==> flow/design.v <==
module sh_core_v2 #(
    parameter NBITS = 16,
    parameter SEL_W = $clog2(NBITS)
) (
    input logic clk_i,
    input logic rst_ni,
    input logic clk_en,
    input logic [NBITS-1:0] ch,
    input logic [SEL_W-1:0] shamt,
    output logic [NBITS-1:0] data_out
);
    always_ff @(posedge clk_i) begin
        if (~rst_ni) begin
            data_out <= 0;
        end else if (clk_en) begin
            data_out <= (ch << shamt) | (ch >> (NBITS - shamt));
        end
    end
endmodule
==> Reports on sh_core_v2 <==
The steps from the RTL of sh_core_v2 to its reports follow in flow order.
Lines are those of the file above, counted from 1.
Cell names lack the library's common part.
{ "design": {"top_module": "sh_core_v2", "clock_port": "clk_i", "lib": "sky130hd", "corner": "tt_025C_1v80"} }

==> Elaborated design <==
Counts by Yosys on the flattened word-level netlist (proc, flatten, opt, wreduce; memories kept). Register bits leave out memories and registers merged into their read ports (data or address); mux counts leave out enables and synchronous resets folded into registers. Print and check cells are left out. Cells with the same type and inputs are merged into one.
{ "classes": {"logic": 1, "shifts": 2, "n_addsub": 1} }
{ "op_table": {"columns": ["op", "count"], "rows": [
  ["16-bit by 32-bit >> shifter with 16-bit output", 1],
  ["16-bit bitwise OR", 1],
  ["16-bit by 4-bit left shift with 16-bit output", 1],
  ["5-bit by 4-bit subtractor with 6-bit output with constant A", 1]
]} }
{ "word_totals": {"ff_bits": 16, "output_inout_bits": 16, "in_bits": 23} }

==> Logic depth <==
Longest topological path by Yosys (ltp), each cell counted once; first at word level (registers and memories cut), then after technology mapping (sequential cells cut; the memories' decode and read muxes count).
{ "logic_depth": {"word_depth": 3, "abc_area": 0, "depth_mapped": 11, "depth_no_buf": 6} }

==> Synthesis result <==
Yosys stat after the flow's synthesis: flattened, memories mapped to cells. It holds for the ABC_AREA given above (unset counts as 0); a run with the other value may have another netlist.
{ "types": {"columns": ["cell_type", "count", "area_total_um2"], "rows": [
  ["mux4_2", 17, 382.867],
  ["dfxtp_1", 16, 320.307],
  ["mux2i_1", 21, 210.202],
  ["mux2_2", 11, 123.869],
  ["o21ai_0", 23, 115.11],
  ["a31oi_1", 14, 87.584],
  ["mux2_4", 5, 75.072],
  ["mux2_1", 5, 56.304],
  ["nand2_1", 15, 56.304],
  ["nand2b_1", 7, 43.792],
  ["a21oi_1", 8, 40.038],
  ["buf_2", 8, 40.038],
  ["o211ai_1", 5, 37.536],
  ["a221oi_1", 4, 35.034],
  ["a221oi_2", 2, 30.029],
  ["clkbuf_1", 8, 30.029],
  ["nor2_1", 8, 30.029],
  ["xnor2_4", 1, 27.526]
]} }
Not listed: further types 30, cells in them 51.
{ "synth_totals": {"ffs": 16, "mapped_cells": 229, "seqArea_um2": 320.3, "n_buf": 22, "area_um2": 2133.3} }

==> Timing after synthesis <==
Source: OpenSTA report_checks on the synthesized netlist (no wires, ideal clock, input and output delay 20% of the period each), path of least setup slack; recovery checks are left aside. Register names are those of the netlist, which keeps one name where synthesis merged equal registers.
{ "synth_path": {"path_type": "input to register", "start": "input shamt[0]", "end": "register data_out[3]", "setup_ns": 0.122, "path_delay_ns": 2.367, "path_buffers": 4, "arrival_ns": 2.985, "slack_ns": 0.592, "stages": 10, "clock_period_ns": 3.7, "period_less_setup_slack_ns": 3.108} }
"path_delay_ns" is the arrival time less input delay plus setup time.
"stages": output pins that drive a net of the path, with the launching flip-flop's if there is one; two outputs of one cell count as two.
"period_less_setup_slack_ns" is the clock period less the worst setup slack; recovery checks do not enter. This is arithmetic on one report: input and output delays are still those of the set period (20% each).
The rows between start and end are the longest chain of elaborated cells between them; the timing report does not say that the signal goes this way. Where chains are equally long, one stands for them.
Each line given opens the expression or statement behind the cell; cells for indexed reads and writes are added by Yosys, which also makes memories of some case tables.
{ "synth_via": {"cell_sequence": "buf_6 -> buf_4 -> buf_2 -> inv_1 -> ha_1 -> buf_2 -> xor2_2 -> mux4_2 -> a221oi_2 -> a21oi_1", "elab_chain_cells": 3} }
{ "synth_lines": {"columns": ["element", "line_no", "source"], "rows": [
  ["from (decl)", 9, "input logic [SEL_W-1:0] shamt,"],
  ["5-bit by 4-bit subtractor with 6-bit output", 16, "data_out <= (ch << shamt) | (ch >> (NBITS - shamt));"],
  ["16-bit by 32-bit >> shifter with 16-bit output", 16, null],
  ["16-bit bitwise OR", 16, null],
  ["to (assign)", 14, "data_out <= 0;"],
  ["to (assign)", 16, null],
  ["to (decl)", 10, "output logic [NBITS-1:0] data_out"]
]} }

==> Worst path after layout <==
From the final timing report of flow run A: the path of least setup slack in the routed layout; clock arrival at registers is part of the times.
{ "layout_path": {"path_type": "input to register", "start": "input shamt[1]", "end": "register data_out[1]", "setup_ns": 0.11, "slack_ns": 0.73, "stages": 7, "clock_period_ns": 3.7, "path_buffers": 1, "arrival_ns": 3.11} }
The rows between start and end are the longest chain of elaborated cells between them; the timing report does not say that the signal goes this way. Where chains are equally long, one stands for them.
{ "layout_via": {"cell_sequence": "clkdlybuf4s50_1 -> inv_1 -> ha_1 -> xor2_2 -> mux4_2 -> a221oi_1 -> a21oi_1", "elab_chain_cells": 3} }
{ "layout_lines": {"columns": ["element", "line_no", "source"], "rows": [
  ["from (decl)", 9, "input logic [SEL_W-1:0] shamt,"],
  ["5-bit by 4-bit subtractor with 6-bit output", 16, "data_out <= (ch << shamt) | (ch >> (NBITS - shamt));"],
  ["16-bit by 32-bit >> shifter with 16-bit output", 16, null],
  ["16-bit bitwise OR", 16, null],
  ["to (assign)", 14, "data_out <= 0;"],
  ["to (assign)", 16, null],
  ["to (decl)", 10, "output logic [NBITS-1:0] data_out"]
]} }

Add stored flow runs of sh_core_v2

sh_core_v2 through Yosys and OpenROAD on sky130hd: 3 stored runs, unordered, with their settings and measured results. The constraints put input and output delay at 20% of the set period each and load the outputs with 0.01 pF.
"achieved clock period (ns)" = clock period - worst setup slack. The figure is calculated, with input and output delays left at 20% of the set period.
"worst setup path time (ns)" means the part of the period allowed to the worst setup path (the constraints hold back 20% at inputs and 20% at outputs) less its slack; where the path has registers, the arrival times of their clocks count too.
"finish__power__total" rests on the timing tool's default activity at the inputs, not on a simulated workload.

settings of flow run A
{
  "period_ns": 3.7,
  "CAP_MARGIN": 20,
  "CORE_MARGIN": 2,
  "CORE_UTILIZATION": 40,
  "SLEW_MARGIN": 20
}
report of flow run A
yosys chip area after synthesis (um^2): 2133.3
finish__design__die__area: 5933.6
finish__design__instance__area__stdcell: 2561.2
finish__design__instance__utilization: 0.4983
finish__timing__setup__ws: 0.728
finish__timing__setup__tns: 0.000
finish__timing__hold__ws: 0.518
finish__power__total: 6.916e-04
achieved clock period (ns): 2.972
worst setup path time (ns): 2.23
worst setup path kind: input to register

settings of flow run B
{
  "period_ns": 2.96,
  "CORE_UTILIZATION": 46,
  "SETUP_SLACK_MARGIN": 0.3,
  "PLACE_DENSITY_LB_ADDON": 0.25,
  "CELL_PAD_IN_SITES_GLOBAL_PLACEMENT": 2,
  "CELL_PAD_IN_SITES_DETAIL_PLACEMENT": 2,
  "ABC_AREA": 0,
  "GPL_ROUTABILITY_DRIVEN": 0,
  "CTS_CLUSTER_SIZE": 56,
  "CTS_CLUSTER_DIAMETER": 195,
  "MIN_ROUTING_LAYER": "met1",
  "MAX_ROUTING_LAYER": "met4",
  "CAP_MARGIN": 20,
  "CORE_MARGIN": 2,
  "SLEW_MARGIN": 20
}
report of flow run B: did not finish, cts, DPL-0033

settings of flow run C
{
  "period_ns": 1.89,
  "CORE_UTILIZATION": 31,
  "PLACE_DENSITY": 0.8,
  "CORE_MARGIN": 2,
  "ABC_AREA": 0,
  "CTS_CLUSTER_SIZE": 81,
  "CTS_CLUSTER_DIAMETER": 127,
  "SLEW_MARGIN": 10,
  "MAX_ROUTING_LAYER": "met4",
  "CAP_MARGIN": 20
}
report of flow run C
yosys chip area after synthesis (um^2): 2133.3
finish__design__die__area: 7561.2
finish__design__instance__area__stdcell: 3126.8
finish__design__instance__utilization: 0.4654
finish__timing__setup__ws: 0.084
finish__timing__setup__tns: 0.000
finish__timing__hold__ws: 0.527
finish__power__total: 1.527e-03
achieved clock period (ns): 1.806
worst setup path time (ns): 1.43
worst setup path kind: input to register
